==> flow/design.v <==
module sync_sel_unit_stage #(
  parameter DATA_W = 20,
  parameter N = 4,
  parameter SW = $clog2(N)
) (
  input wire ck,
  input wire rst,
  input wire [N*DATA_W-1:0] in_src,
  input wire [SW-1:0] in_select,
  output wire [DATA_W-1:0] out_y
);
  reg [N*DATA_W-1:0] src_d1;
  reg [SW-1:0] select_d1;
  always @(posedge ck) begin
    if (rst) begin
      src_d1 <= 0;
      select_d1 <= 0;
    end else begin
      src_d1 <= in_src;
      select_d1 <= in_select;
    end
  end
  localparam LO_W = N / 2;
  reg [DATA_W-1:0] lsb_d1;
  reg [DATA_W-1:0] high_d1;
  reg select_d1_d;
  reg [DATA_W-1:0] y_d1;
  always @(posedge ck) begin
    if (rst) begin
      lsb_d1 <= 0;
      high_d1 <= 0;
      select_d1_d <= 1'b0;
      y_d1 <= 0;
    end else begin
      lsb_d1 <= src_d1[select_d1[SW-2:0]*DATA_W +: DATA_W];
      high_d1 <= src_d1[(LO_W + select_d1[SW-2:0])*DATA_W +: DATA_W];
      select_d1_d <= select_d1[SW-1];
      y_d1 <= select_d1_d ? high_d1 : lsb_d1;
    end
  end
  assign out_y = y_d1;
endmodule
== Reports on sync_sel_unit_stage ==
Tool output for the design above, in the order of the flow.
Lines are those of the file above, counted from 1.
Library cell names are shortened.
A cell with - has no value.

* Design top: sync_sel_unit_stage
* Clock: ck
* Library: sky130hd
* Corner: tt_025C_1v80

== Word level ==
Source: Yosys, flattened and elaborated, memories not mapped. Widths are those after wreduce; folded enables and synchronous resets count as part of the registers. Registers that Yosys merges into a memory's read port (data or address) are not register bits. Print and check cells do not count. Equal cells are merged and count once.

* Register bits: 143
* Input bits: 84

* $add $sub $neg: 1
* $mul: 2
* Shift operators: 2
* Muxes and demuxes: 1

{| class="wikitable"
|+ Operator list
! operator !! number
|-
| 80-bit by 7-bit indexed select with 20-bit output || 1
|-
| 80-bit by 9-bit indexed select with 20-bit output || 1
|-
| 20-bit 2-to-1 mux || 1
|-
| 3-bit by 3-bit multiplier with 6-bit output with constant B || 1
|-
| 1-bit by 3-bit multiplier with 4-bit output with constant B || 1
|-
| 2-bit by 1-bit adder with 3-bit output with constant A || 1
|}

== Longest topological paths ==
Yosys ltp: most cells in a row. Word level: on the elaborated netlist, between registers, memories and ports. Mapped: between sequential cells and ports; inverters and the memories' decode and read muxes count.

* Depth in word-level cells: 3
* ABC_AREA: 0
* Mapped depth: 4

== Mapped cells and area ==
Yosys stat after the flow's synthesis: flattened, memories mapped to cells. It holds for the ABC_AREA given above (unset counts as 0); a run with the other value may have another netlist.

* Standard cells after synthesis: 369
* Chip area (Yosys): 4534.3 um2
* Area of sequential cells: 2862.7 um2
* Mapped flip-flops: 143
* Buffer cells: 23

{| class="wikitable"
|+ Cell types
! type !! number !! area in all (um2)
|-
| dfxtp_1 || 143 || 2.86E+03
|-
| mux2i_1 || 60 || 600.576
|-
| nor2b_1 || 73 || 456.688
|-
| nor2_1 || 60 || 225.216
|-
| nor2b_4 || 10 || 137.632
|-
| buf_6 || 9 || 101.347
|-
| buf_12 || 5 || 100.096
|-
| buf_2 || 7 || 35.034
|-
| buf_4 || 1 || 7.507
|-
| clkbuf_4 || 1 || 7.507
|}

== Timing after synthesis ==
Source: OpenSTA report_checks on the synthesized netlist (no wires, ideal clock, input and output delay 20% of the period each), path of least setup slack; recovery checks are left aside. Register names are those of the netlist, which keeps one name where synthesis merged equal registers.

* Kind: reg-to-reg
* From: register select_d1[0]
* To: register high_d1[0]
* Period: 1.12 ns
* Setup time: 0.114 ns
* Data arrival time: 0.783 ns
* Required time: 1.006 ns
* Path slack: 0.222 ns
* Delay of the path: 0.897 ns
* Stages: 5
* Buffers on the path: 2
* Synthesis period reached: 0.898 ns

"delay of the path" = arrival - input delay + setup time.
"stages": output pins that drive a net of the path, with the launching flip-flop's if there is one; two outputs of one cell count as two.
"synthesis period reached" is the clock period less the worst setup slack; recovery checks do not enter. This is arithmetic on one report: input and output delays are still those of the set period (20% each).
Between the ends stands the longest chain of elaborated cells between them, by number of cells; it is not shown to be the way that was timed. Of several equally long chains one is given.
A line is the first line of the expression or statement that the cell stems from. Yosys adds cells for indexed reads and writes and turns some case tables into memories.

* Cell sequence: dfxtp_1 -> buf_6 -> buf_12 -> mux2i_1 -> nor2_1
* Cells in the longest elaborated chain: 3

{| class="wikitable"
|+ Ends and longest elaborated chain, after synthesis
! element !! line !! text
|-
| from (decl) || 13 || <nowiki>reg [SW-1:0] select_d1;</nowiki>
|-
| from (assign) || 17 || <nowiki>select_d1 <= 0;</nowiki>
|-
| from (assign) || 20 || <nowiki>select_d1 <= in_select;</nowiki>
|-
| 2-bit by 1-bit adder with 3-bit output || 36 || <nowiki>high_d1 <= src_d1[(LO_W + select_d1[SW-2:0])*DATA_W +: DATA_W];</nowiki>
|-
| 3-bit by 3-bit multiplier with 6-bit output || 36 ||
|-
| 80-bit by 9-bit indexed select with 20-bit output || 36 ||
|-
| to (assign) || 31 || <nowiki>high_d1 <= 0;</nowiki>
|-
| to (assign) || 36 ||
|-
| to (decl) || 25 || <nowiki>reg [DATA_W-1:0] high_d1;</nowiki>
|}

== Timing after layout ==
Path of least setup slack in the final report of record 1 (OpenROAD, finished layout, wires in). Where an end is a register, its clock arrival counts in the times.

* Kind: reg-to-output
* From: register y_d1[10]
* To: output out_y[10]
* Period: 1.12 ns
* Data arrival time: 0.84 ns
* Required time: 0.90 ns
* Path slack: 0.05 ns
* Stages: 2
* Buffers on the path: 1

* Cell sequence: dfxtp_1 -> buf_2
* Cells in the longest elaborated chain: 0

{| class="wikitable"
|+ Ends and longest elaborated chain, post-layout
! element !! line !! text
|-
| from (decl) || 27 || <nowiki>reg [DATA_W-1:0] y_d1;</nowiki>
|-
| from (assign) || 33 || <nowiki>y_d1 <= 0;</nowiki>
|-
| from (assign) || 38 || <nowiki>y_d1 <= select_d1_d ? high_d1 : lsb_d1;</nowiki>
|-
| to (decl) || 10 || <nowiki>output wire [DATA_W-1:0] out_y</nowiki>
|}

--- measured runs ---
Top module sync_sel_unit_stage; platform sky130hd; tools Yosys and OpenROAD; 2 stored runs in no particular order. Input and output delays are each 20% of the period that was set; the output load is 0.01 pF.
By "achieved clock period" is meant the clock period of the run minus its worst setup slack. This is arithmetic on one report: input and output delays are still those of the set period (20% each).
"worst setup path time" means the part of the period allowed to the worst setup path (the constraints hold back 20% at inputs and 20% at outputs) less its slack; where the path has registers, the arrival times of their clocks count too.
By "power" is meant OpenSTA's value without simulated activity: inputs other than the clock are taken to toggle once in ten clock periods, and the tool carries that through the logic.

Record 1
==> flow/run.sh <==
#!/bin/bash
# the make line also repeats the synthesis and layout settings of config.mk as NAME=value (left out here)
make -C /OpenROAD-flow-scripts/flow DESIGN_CONFIG=/design/flow/config.mk WORK_HOME=/design/flow/orfs CLKGATE_MAP_FILE= finish
==> flow/config.mk <==
export PLATFORM = sky130hd
export DESIGN_NAME = sync_sel_unit_stage
export DESIGN_NICKNAME = sync_sel_unit_stage
export VERILOG_FILES = /design/flow/design.v
export SDC_FILE = /design/flow/constraint.sdc
export NUM_CORES = 4
export LEC_CHECK = 0
export CAP_MARGIN = 20
export CORE_MARGIN = 2
export CORE_UTILIZATION = 40
export SLEW_MARGIN = 20
==> flow/constraint.sdc <==
create_clock -name core_clock -period 1.12 [get_ports {ck}]
set_input_delay 0.2240 -clock core_clock [delete_from_list [all_inputs] [get_ports {ck}]]
set_output_delay 0.2240 -clock core_clock [all_outputs]
set_load 0.01 [all_outputs]

==> results of record 1 <==
chip area after synthesis (Yosys): 4534.3 um2
die area: 12203.6 um2
utilization: 56.2 %
worst setup slack after layout: 0.054 ns
total negative slack: 0.000 ns
power: 11.743 mW
achieved clock period: 1.066 ns
worst setup path time: 0.84 ns
worst setup path kind: reg-to-output

Record 2
==> flow/run.sh <==
#!/bin/bash
# the make line also repeats the synthesis and layout settings of config.mk as NAME=value (left out here)
make -C /OpenROAD-flow-scripts/flow DESIGN_CONFIG=/design/flow/config.mk WORK_HOME=/design/flow/orfs CLKGATE_MAP_FILE= finish
==> flow/config.mk <==
export PLATFORM = sky130hd
export DESIGN_NAME = sync_sel_unit_stage
export DESIGN_NICKNAME = sync_sel_unit_stage
export VERILOG_FILES = /design/flow/design.v
export SDC_FILE = /design/flow/constraint.sdc
export NUM_CORES = 4
export LEC_CHECK = 0
export ABC_AREA = 1
export CAP_MARGIN = 20
export CORE_MARGIN = 2
export CORE_UTILIZATION = 62
export CTS_CLUSTER_SIZE = 39
export GPL_TIMING_DRIVEN = 1
export PLACE_DENSITY_LB_ADDON = 0.18
export SETUP_SLACK_MARGIN = 0.13
export SLEW_MARGIN = 20
==> flow/constraint.sdc <==
create_clock -name core_clock -period 0.611 [get_ports {ck}]
set_input_delay 0.1222 -clock core_clock [delete_from_list [all_inputs] [get_ports {ck}]]
set_output_delay 0.1222 -clock core_clock [all_outputs]
set_load 0.01 [all_outputs]

==> results of record 2 <==
did not finish, clock tree synthesis stopped with DPL-0033
--- end ---
